==> flow/design.v <==
module sh_core_n #(
   parameter integer DWIDTH = 64,
   parameter integer SW = $clog2(DWIDTH)
) (
   input wire ck,
   input wire rstn,
   input wire en,
   input wire [DWIDTH-1:0] data,
   input wire [SW-1:0] sh,
   input wire dir,
   output reg [DWIDTH-1:0] y
);
   reg [DWIDTH-1:0] data_s;
   reg [SW-1:0] sh_s;
   reg dir_s;
   always @(posedge ck) begin
      if (!rstn) begin
         data_s <= 0;
         sh_s <= 0;
         dir_s <= 1'b0;
         y <= 0;
      end else if (en) begin
         data_s <= data;
         sh_s <= sh;
         dir_s <= dir;
         y <= dir_s ? data_s << sh_s : data_s >> sh_s;
      end
   end
endmodule
* From RTL to reports: sh_core_n *
What the tools print for sh_core_n, step after step.
Lines are those of the file above, counted from 1.
Operators carry their Yosys type and port widths (W data, S select, Z words).
Not given: --

design
  top module = sh_core_n
  clock = ck
  cell library = sky130hd
  timing corner = tt_025C_1v80

* Elaborated design *
Counts by Yosys on the flattened word-level netlist (proc, flatten, opt, wreduce; memories kept). Register bits leave out memories and registers merged into their read ports (data or address); mux counts leave out enables and synchronous resets folded into registers. Print and check cells are left out. Cells with the same type and inputs are merged into one.

bit counts
  input bits = 74
  output and inout bits = 64
  register bits after elaboration = 135

cells by class
  shift operators = 2
  multiplexer cells = 1

operator list
  kind             number
  $shl A64 B6 Y64  1
  $shr A64 B6 Y64  1
  $mux W64         1

* Longest topological paths *
Depth = most cells in a row (Yosys ltp): at word level without a register or memory, in the mapped netlist without a sequential cell, where the memories' decode and read muxes count.

depth
  word-level depth = 2
  ABC_AREA = 0
  depth in mapped cells = 12
  gate-level depth less buffers = 6

* After synthesis *
Yosys stat after the flow's synthesis: flattened, memories mapped to cells. It holds for the ABC_AREA given above (unset counts as 0); a run with the other value may have another netlist.

cell types
  type                       number
  sky130_fd_sc_hd__dfxtp_1   135
  sky130_fd_sc_hd__mux2i_1   236
  sky130_fd_sc_hd__mux4_2    64
  sky130_fd_sc_hd__mux2_2    94
  sky130_fd_sc_hd__o21ai_0   127
  sky130_fd_sc_hd__nand2_1   168
  sky130_fd_sc_hd__nor2b_1   82
  sky130_fd_sc_hd__nor2_1    135
  sky130_fd_sc_hd__clkbuf_1  122
  sky130_fd_sc_hd__a21oi_1   79
  sky130_fd_sc_hd__o22ai_1   57
  sky130_fd_sc_hd__a22oi_1   39
  sky130_fd_sc_hd__o221ai_1  33
  sky130_fd_sc_hd__mux4_1    10
  sky130_fd_sc_hd__buf_6     22
  sky130_fd_sc_hd__a211oi_1  28
  sky130_fd_sc_hd__buf_2     41
  sky130_fd_sc_hd__a31oi_1   32

Other cell types: 60; their cells: 325.

mapped netlist
  mapped flip-flops = 135
  cell count = 1829
  cell area after synthesis = 15155.8 sq um

* Worst setup path after synthesis *
Source: OpenSTA report_checks on the synthesized netlist (no wires, ideal clock, input and output delay 20% of the period each), path of least setup slack; recovery checks are left aside. Register names are those of the netlist, which keeps one name where synthesis merged equal registers.

timing after synthesis
  kind = reg-to-reg
  start point = register sh_s[1]
  end point = register y[48]
  data required time = 2.600 ns
  path slack = 0.543 ns
  launch time at the first pin = 0.000 ns
  arrival time = 2.058 ns
  driving pins on the path = 9
  period = 2.73 ns
  path buffers = 2
  delay of the path = 2.188 ns
  library setup time = 0.130 ns
  synthesis period reached = 2.187 ns

"delay of the path" = arrival - input delay + setup time.
"driving pins on the path": output pins that drive a net of the path, with the launching flip-flop's if there is one; two outputs of one cell count as two.
"synthesis period reached" = period - worst setup slack (recovery checks aside). The figure is calculated, with input and output delays left at 20% of the set period.
The rows between start and end are the longest chain of elaborated cells between them; the timing report does not say that the signal goes this way. Where chains are equally long, one stands for them.
A line is the first line of the expression or statement that the cell stems from. Yosys adds cells for indexed reads and writes and turns some case tables into memories.

on the way, after synthesis
  cells stage by stage = sky130_fd_sc_hd__dfxtp_1 > sky130_fd_sc_hd__buf_6 > sky130_fd_sc_hd__buf_6 > sky130_fd_sc_hd__mux2_2 > sky130_fd_sc_hd__mux4_2 > sky130_fd_sc_hd__nand2_1 > sky130_fd_sc_hd__o21ai_0 > sky130_fd_sc_hd__a2111oi_0 > sky130_fd_sc_hd__a21oi_1
  length of the longest elaborated chain = 2
  elaborated cells on any way between the ends = 3
  source lines of those cells = 1

ends and longest elaborated chain, after synthesis
  what             RTL line  source
  from (decl)      14        reg [SW-1:0] sh_s;
  from (assign)    19        sh_s <= 0;
  from (assign)    24        sh_s <= sh;
  $shr A64 B6 Y64  26        y <= dir_s ? data_s << sh_s : data_s >> sh_s;
  $mux W64         26
  to (assign)      21        y <= 0;
  to (assign)      26
  to (decl)        11        output reg [DWIDTH-1:0] y

* Worst path after layout *
Path of least setup slack in the final report of run A (OpenROAD, finished layout, wires in). Where an end is a register, its clock arrival counts in the times.

timing after layout
  kind = reg-to-reg
  start point = register sh_s[1]
  end point = register y[23]
  launch time at the first pin = 0.46 ns
  library setup time = 0.12 ns
  period = 2.73 ns
  data required time = 3.08 ns
  arrival time = 3.10 ns
  path slack = -0.02 ns
  path buffers = 5
  driving pins on the path = 12

The rows between start and end are the longest chain of elaborated cells between them; the timing report does not say that the signal goes this way. Where chains are equally long, one stands for them.

on the way, after layout
  cells stage by stage = sky130_fd_sc_hd__dfxtp_4 > sky130_fd_sc_hd__buf_12 > sky130_fd_sc_hd__buf_4 > sky130_fd_sc_hd__mux2i_1 > sky130_fd_sc_hd__nor2_1 > sky130_fd_sc_hd__a211oi_2 > sky130_fd_sc_hd__buf_4 > sky130_fd_sc_hd__buf_4 > sky130_fd_sc_hd__a211oi_1 > sky130_fd_sc_hd__a31oi_2 > sky130_fd_sc_hd__buf_4 > sky130_fd_sc_hd__o211ai_1
  length of the longest elaborated chain = 2
  elaborated cells on any way between the ends = 3
  source lines of those cells = 1

ends and longest elaborated chain, after layout
  what             RTL line  source
  from (decl)      14        reg [SW-1:0] sh_s;
  from (assign)    19        sh_s <= 0;
  from (assign)    24        sh_s <= sh;
  $shr A64 B6 Y64  26        y <= dir_s ? data_s << sh_s : data_s >> sh_s;
  $mux W64         26
  to (assign)      21        y <= 0;
  to (assign)      26
  to (decl)        11        output reg [DWIDTH-1:0] y

Lab notebook: sh_core_n

3 stored runs of sh_core_n in the flow (synthesis by Yosys, layout by OpenROAD, sky130hd cells), in arbitrary order. Constraints: input delay and output delay 20% of the set period each, output load 0.01 pF.
"worst setup path time (ns)" means the part of the period allowed to the worst setup path (the constraints hold back 20% at inputs and 20% at outputs) less its slack; where the path has registers, the arrival times of their clocks count too.
"finish__power__total" is the tool's figure for a default switching activity; nothing was simulated.

settings of run A
{
  "period_ns": 2.73,
  "CAP_MARGIN": 20,
  "CORE_MARGIN": 2,
  "CORE_UTILIZATION": 40,
  "SLEW_MARGIN": 20
}
report of run A
yosys chip area after synthesis (um^2): 15155.8
finish__design__die__area: 39461.8
finish__design__instance__area__stdcell: 19896.6
finish__design__instance__utilization: 0.5307
finish__timing__setup__ws: -0.023
finish__timing__setup__tns: -0.031
finish__timing__hold__ws: 0.445
finish__power__total: 8.927e-03
worst setup path time (ns): 2.75
worst setup path kind: reg-to-reg

settings of run B
{
  "period_ns": 3.27,
  "CORE_UTILIZATION": 37,
  "SETUP_SLACK_MARGIN": 0.52,
  "PLACE_DENSITY_LB_ADDON": 0.01,
  "TNS_END_PERCENT": 85,
  "GPL_TIMING_DRIVEN": 1,
  "GPL_ROUTABILITY_DRIVEN": 1,
  "CTS_CLUSTER_SIZE": 84,
  "MIN_ROUTING_LAYER": "met1",
  "CAP_MARGIN": 20,
  "CORE_MARGIN": 2,
  "SLEW_MARGIN": 20
}
report of run B
yosys chip area after synthesis (um^2): 15155.8
finish__design__die__area: 42596.8
finish__design__instance__area__stdcell: 18980.7
finish__design__instance__utilization: 0.4670
finish__timing__setup__ws: 0.326
finish__timing__setup__tns: 0.000
finish__timing__hold__ws: 0.532
finish__power__total: 7.256e-03
worst setup path time (ns): 2.94
worst setup path kind: reg-to-reg

settings of run C
{
  "period_ns": 3.04,
  "CORE_UTILIZATION": 31,
  "SETUP_SLACK_MARGIN": -0.08,
  "PLACE_DENSITY": 0.45,
  "CORE_ASPECT_RATIO": 0.97,
  "CORE_MARGIN": 3,
  "CELL_PAD_IN_SITES_GLOBAL_PLACEMENT": 1,
  "CELL_PAD_IN_SITES_DETAIL_PLACEMENT": 1,
  "ABC_AREA": 0,
  "GPL_TIMING_DRIVEN": 0,
  "CTS_CLUSTER_SIZE": 95,
  "CTS_CLUSTER_DIAMETER": 201,
  "SLEW_MARGIN": 40,
  "CAP_MARGIN": 20
}
report of run C
yosys chip area after synthesis (um^2): 15155.8
finish__design__die__area: 51580.1
finish__design__instance__area__stdcell: 19224.7
finish__design__instance__utilization: 0.3994
finish__timing__setup__ws: -0.189
finish__timing__setup__tns: -5.084
finish__timing__hold__ws: 0.527
finish__power__total: 8.382e-03
worst setup path time (ns): 3.23
worst setup path kind: reg-to-reg
